==> flow/design.v <==
module u_reg_bank_p #(
    parameter NUM_REGS = 64,
    parameter DW = 32,
    parameter IDX_W = $clog2(NUM_REGS)
) (
    input  ck,
    input  [IDX_W-1:0] addr,
    input  load,
    input  [DW-1:0] din,
    output reg [DW-1:0] dout
);
    reg [DW-1:0] regs [0:NUM_REGS-1];
    always @(posedge ck)
        if (load) regs[addr] <= din;
    always @(posedge ck)
        dout <= regs[addr];
endmodule
* Reports on u_reg_bank_p
What the tools print for u_reg_bank_p, step after step.
Line numbers count from 1 in the design file above.
Operators carry their Yosys type and port widths (W data, S select, Z words).
A cell with n/a has no value.
- Top :: u_reg_bank_p
- Clock port :: ck
- Cell library :: sky130hd
- Timing corner :: tt_025C_1v80

* Elaborated design
Yosys after proc, flatten, opt, wreduce and memory -nomap, before mapping. Enables and synchronous resets that opt folds into registers are not counted as muxes. Memory bits, and registers merged into a memory's read port (data or address), are not among the register bits. Print and check cells are not counted. Equal cells are merged and count once.
Memory sizes are those after Yosys's memory passes, which may raise the word count (mostly to a power of two), join words into wider ones and drop unused or constant bits.
- Add/sub/neg operators :: 0
- Multipliers :: 0
- Div/mod/pow operators :: 0
- $lt $le $gt $ge :: 0
- Equality and inequality tests :: 0
- Shift-type cells :: 0
- Muxes and demuxes :: 3
- Bitwise logic cells :: 0
- Reduce/logical cells :: 0
** Operator list (number)
- $mux W32 :: 1
- $mux W6 :: 1
- $mux W1 :: 1
- Register bits :: 0
- Bits in latches :: 0
- RAM bits :: 2048
- ROM bits :: 0
- Clocked read ports x word width :: 32
- Memories kept :: 1
- Output and inout bits :: 32
** Memory list
- regs :: words 64, bits a word 32, read ports 1, wr ports 1, line 12 : reg [DW-1:0] regs [0:NUM_REGS-1];

* Logic depth
Depth = most cells in a row (Yosys ltp): at word level without a register or memory, in the mapped netlist without a sequential cell, where the memories' decode and read muxes count.
- Depth after elaboration :: 1
- ABC_AREA :: 0
- Gate-level depth with buffers :: 13
- Mapped depth without buffers :: 6

* After synthesis
The flow's flattened synthesis, as Yosys stat reports it; memories are mapped. The netlist is that of the ABC_AREA named above (0 if unset); the other value can give another one.
The area totals of this step are shown rounded.
- Standard cells after synthesis :: 4239
- Mapped area :: 79000 µm²
- Area of sequential cells :: 62000 µm²
- Flip-flop cells :: 2080
- Buffer cells :: 298
** Cell types
- sky130_fd_sc_hd__edfxtp_1 :: number 2048, total area 6.15E+04 µm²
- sky130_fd_sc_hd__mux2i_1 :: number 259, total area 2.59E+03 µm²
- sky130_fd_sc_hd__mux4_2 :: number 96, total area 2.16E+03 µm²
- sky130_fd_sc_hd__mux2_2 :: number 147, total area 1.66E+03 µm²
- sky130_fd_sc_hd__a221oi_1 :: number 175, total area 1532.72 µm²
- sky130_fd_sc_hd__a22oi_1 :: number 188, total area 1.41E+03 µm²
- sky130_fd_sc_hd__dfxtp_1 :: number 32, total area 640.614 µm²
- sky130_fd_sc_hd__clkbuf_1 :: number 168, total area 630.605 µm²
- sky130_fd_sc_hd__o22a_1 :: number 70, total area 613.088 µm²
- sky130_fd_sc_hd__a21oi_1 :: number 121, total area 605.581 µm²
- sky130_fd_sc_hd__o22ai_1 :: number 93, total area 581.808 µm²
- sky130_fd_sc_hd__a22o_1 :: number 66, total area 578.054 µm²
- sky130_fd_sc_hd__nor2_1 :: number 145, total area 544.272 µm²
- sky130_fd_sc_hd__and3_1 :: number 85, total area 531.76 µm²
- sky130_fd_sc_hd__o21ai_0 :: number 84, total area 420.403 µm²
- sky130_fd_sc_hd__buf_2 :: number 83, total area 415.398 µm²
- sky130_fd_sc_hd__nand3_1 :: number 54, total area 270.259 µm²
- sky130_fd_sc_hd__a31oi_1 :: number 43, total area 269.008 µm²
Other cell types: 38; their cells: 282.

* Path before layout
Path of least setup slack by OpenSTA after synthesis, without wires, with an ideal clock, recovery checks aside; 20% of the period is set as input and as output delay. Where synthesis merged equal registers, the netlist keeps one of their names.
- Kind :: in2reg
- Start :: input addr[2]
- End :: memory regs[15][0]
- Clock period :: 5060 ps
- Input delay :: 1012 ps
- Data arrival time :: 3830 ps
- Setup slack :: 809 ps
- Delay of the path :: 3239 ps
- Driving pins on the path :: 8
- Buffers on the path :: 6
- Synthesis period reached :: 4251 ps
"delay of the path" = arrival - input delay + setup time.
"driving pins on the path": output pins that drive a net of the path, with the launching flip-flop's if there is one; two outputs of one cell count as two.
"synthesis period reached" = period - worst setup slack (recovery checks aside). The figure is calculated, with input and output delays left at 20% of the set period.
Between the ends stands the longest chain of elaborated cells between them, by number of cells; it is not shown to be the way that was timed. Of several equally long chains one is given.
A line is the first line of the expression or statement that the cell stems from. Yosys adds cells for indexed reads and writes and turns some case tables into memories.
- Path through :: sky130_fd_sc_hd__buf_2 > sky130_fd_sc_hd__buf_2 > sky130_fd_sc_hd__buf_2 > sky130_fd_sc_hd__buf_2 > sky130_fd_sc_hd__buf_2 > sky130_fd_sc_hd__buf_2 > sky130_fd_sc_hd__nand3_1 > sky130_fd_sc_hd__nor2_1
- Length of the longest elaborated chain :: 1
- Elaborated cells on any way between the ends :: 1
- RTL lines with such cells :: 1
- Those cells by class :: mux (1)
** Ends and longest elaborated chain, after synthesis
- start, declared :: line 7 : input  [IDX_W-1:0] addr,
- $mux W6 :: line 14 : if (load) regs[addr] <= din;
- end, declared :: line 12 : reg [DW-1:0] regs [0:NUM_REGS-1];

* Path in the finished layout
From the final timing report of flow run A: the path of least setup slack in the routed layout; clock arrival at registers is part of the times.
The report prints the path's times to 10 ps; the period is as set.
- Kind :: in2reg
- Start :: input addr[2]
- End :: register dout[28]
- Clock period :: 7830 ps
- Input delay :: 1570 ps
- Data arrival time :: 5480 ps
- Setup slack :: 3020 ps
- Driving pins on the path :: 8
- Buffers on the path :: 3
- Path through :: sky130_fd_sc_hd__buf_8 > sky130_fd_sc_hd__buf_12 > sky130_fd_sc_hd__buf_4 > sky130_fd_sc_hd__mux4_2 > sky130_fd_sc_hd__mux2i_1 > sky130_fd_sc_hd__nor2_1 > sky130_fd_sc_hd__a2111oi_1 > sky130_fd_sc_hd__nand3_1
** Ends and longest elaborated chain, after layout
- start, declared :: line 7 : input  [IDX_W-1:0] addr,
- end, declared :: line 10 : output reg [DW-1:0] dout
Chain of elaborated cells between the ends: none given.

Data sheet: physical implementation of u_reg_bank_p

Measured results for u_reg_bank_p: 3 stored runs of the Yosys and OpenROAD flow on sky130hd. The settings differ; the order carries no meaning. The constraints put input and output delay at 20% of the set period each and load the outputs with 0.01 pF.
By "achieved period" is meant the clock period of the run minus its worst setup slack. This is arithmetic on one report: input and output delays are still those of the set period (20% each).
By "time used up by the worst setup path" is meant the share of the clock period that the worst setup path is allowed (20% is reserved at inputs, 20% at outputs), minus its slack. Clock arrival times at its registers enter into it.
"total power of the final layout": no workload was simulated; the value follows from the tool's default switching activity.
"time used up by the worst setup path" is known to 10 ps.
The measured numbers are rounded.

** Flow run A
- Settings :: period_ns=7.83; CORE_UTILIZATION=45; SETUP_SLACK_MARGIN=0.73; PLACE_DENSITY=0.54; TNS_END_PERCENT=10; GPL_ROUTABILITY_DRIVEN=1; CTS_CLUSTER_DIAMETER=101; MIN_ROUTING_LAYER=met2; CAP_MARGIN=20; CORE_MARGIN=2; SLEW_MARGIN=20
- Setup TNS :: 0 ps
- Standard-cell area after layout :: 90,000 µm²
- Achieved period :: 4,809 ps
- Total power of the final layout :: 24 mW
- Time used up by the worst setup path :: 3,240 ps
- Kind of the worst setup path :: in2reg
- Post-layout utilization :: 52%
- Synthesized cell area :: 79,000 µm²
- Post-route worst hold slack :: 640 ps
- Full die area :: 180,000 µm²
- Worst setup slack after layout :: 3,000 ps

** Flow run B
- Settings :: period_ns=3.3; CORE_UTILIZATION=24; PLACE_DENSITY_LB_ADDON=0.1; CORE_ASPECT_RATIO=1.79; CTS_CLUSTER_SIZE=37; SLEW_MARGIN=0; MAX_ROUTING_LAYER=met4; CAP_MARGIN=20; CORE_MARGIN=2
- Post-layout utilization :: 30%
- Setup TNS :: 0 ps
- Worst setup slack after layout :: 270 ps
- Total power of the final layout :: 56 mW
- Time used up by the worst setup path :: 2,370 ps
- Kind of the worst setup path :: reg2out
- Standard-cell area after layout :: 98,000 µm²
- Full die area :: 330,000 µm²
- Post-route worst hold slack :: 250 ps
- Synthesized cell area :: 79,000 µm²
- Achieved period :: 3,028 ps

** Flow run C
- Settings :: period_ns=5.06; CAP_MARGIN=20; CORE_MARGIN=2; CORE_UTILIZATION=40; SLEW_MARGIN=20
- Standard-cell area after layout :: 91,000 µm²
- Setup TNS :: 0 ps
- Synthesized cell area :: 79,000 µm²
- Post-layout utilization :: 46%
- Total power of the final layout :: 36 mW
- Time used up by the worst setup path :: 2,630 ps
- Kind of the worst setup path :: in2reg
- Post-route worst hold slack :: 600 ps
- Full die area :: 200,000 µm²
- Worst setup slack after layout :: 1,400 ps
- Achieved period :: 3,646 ps
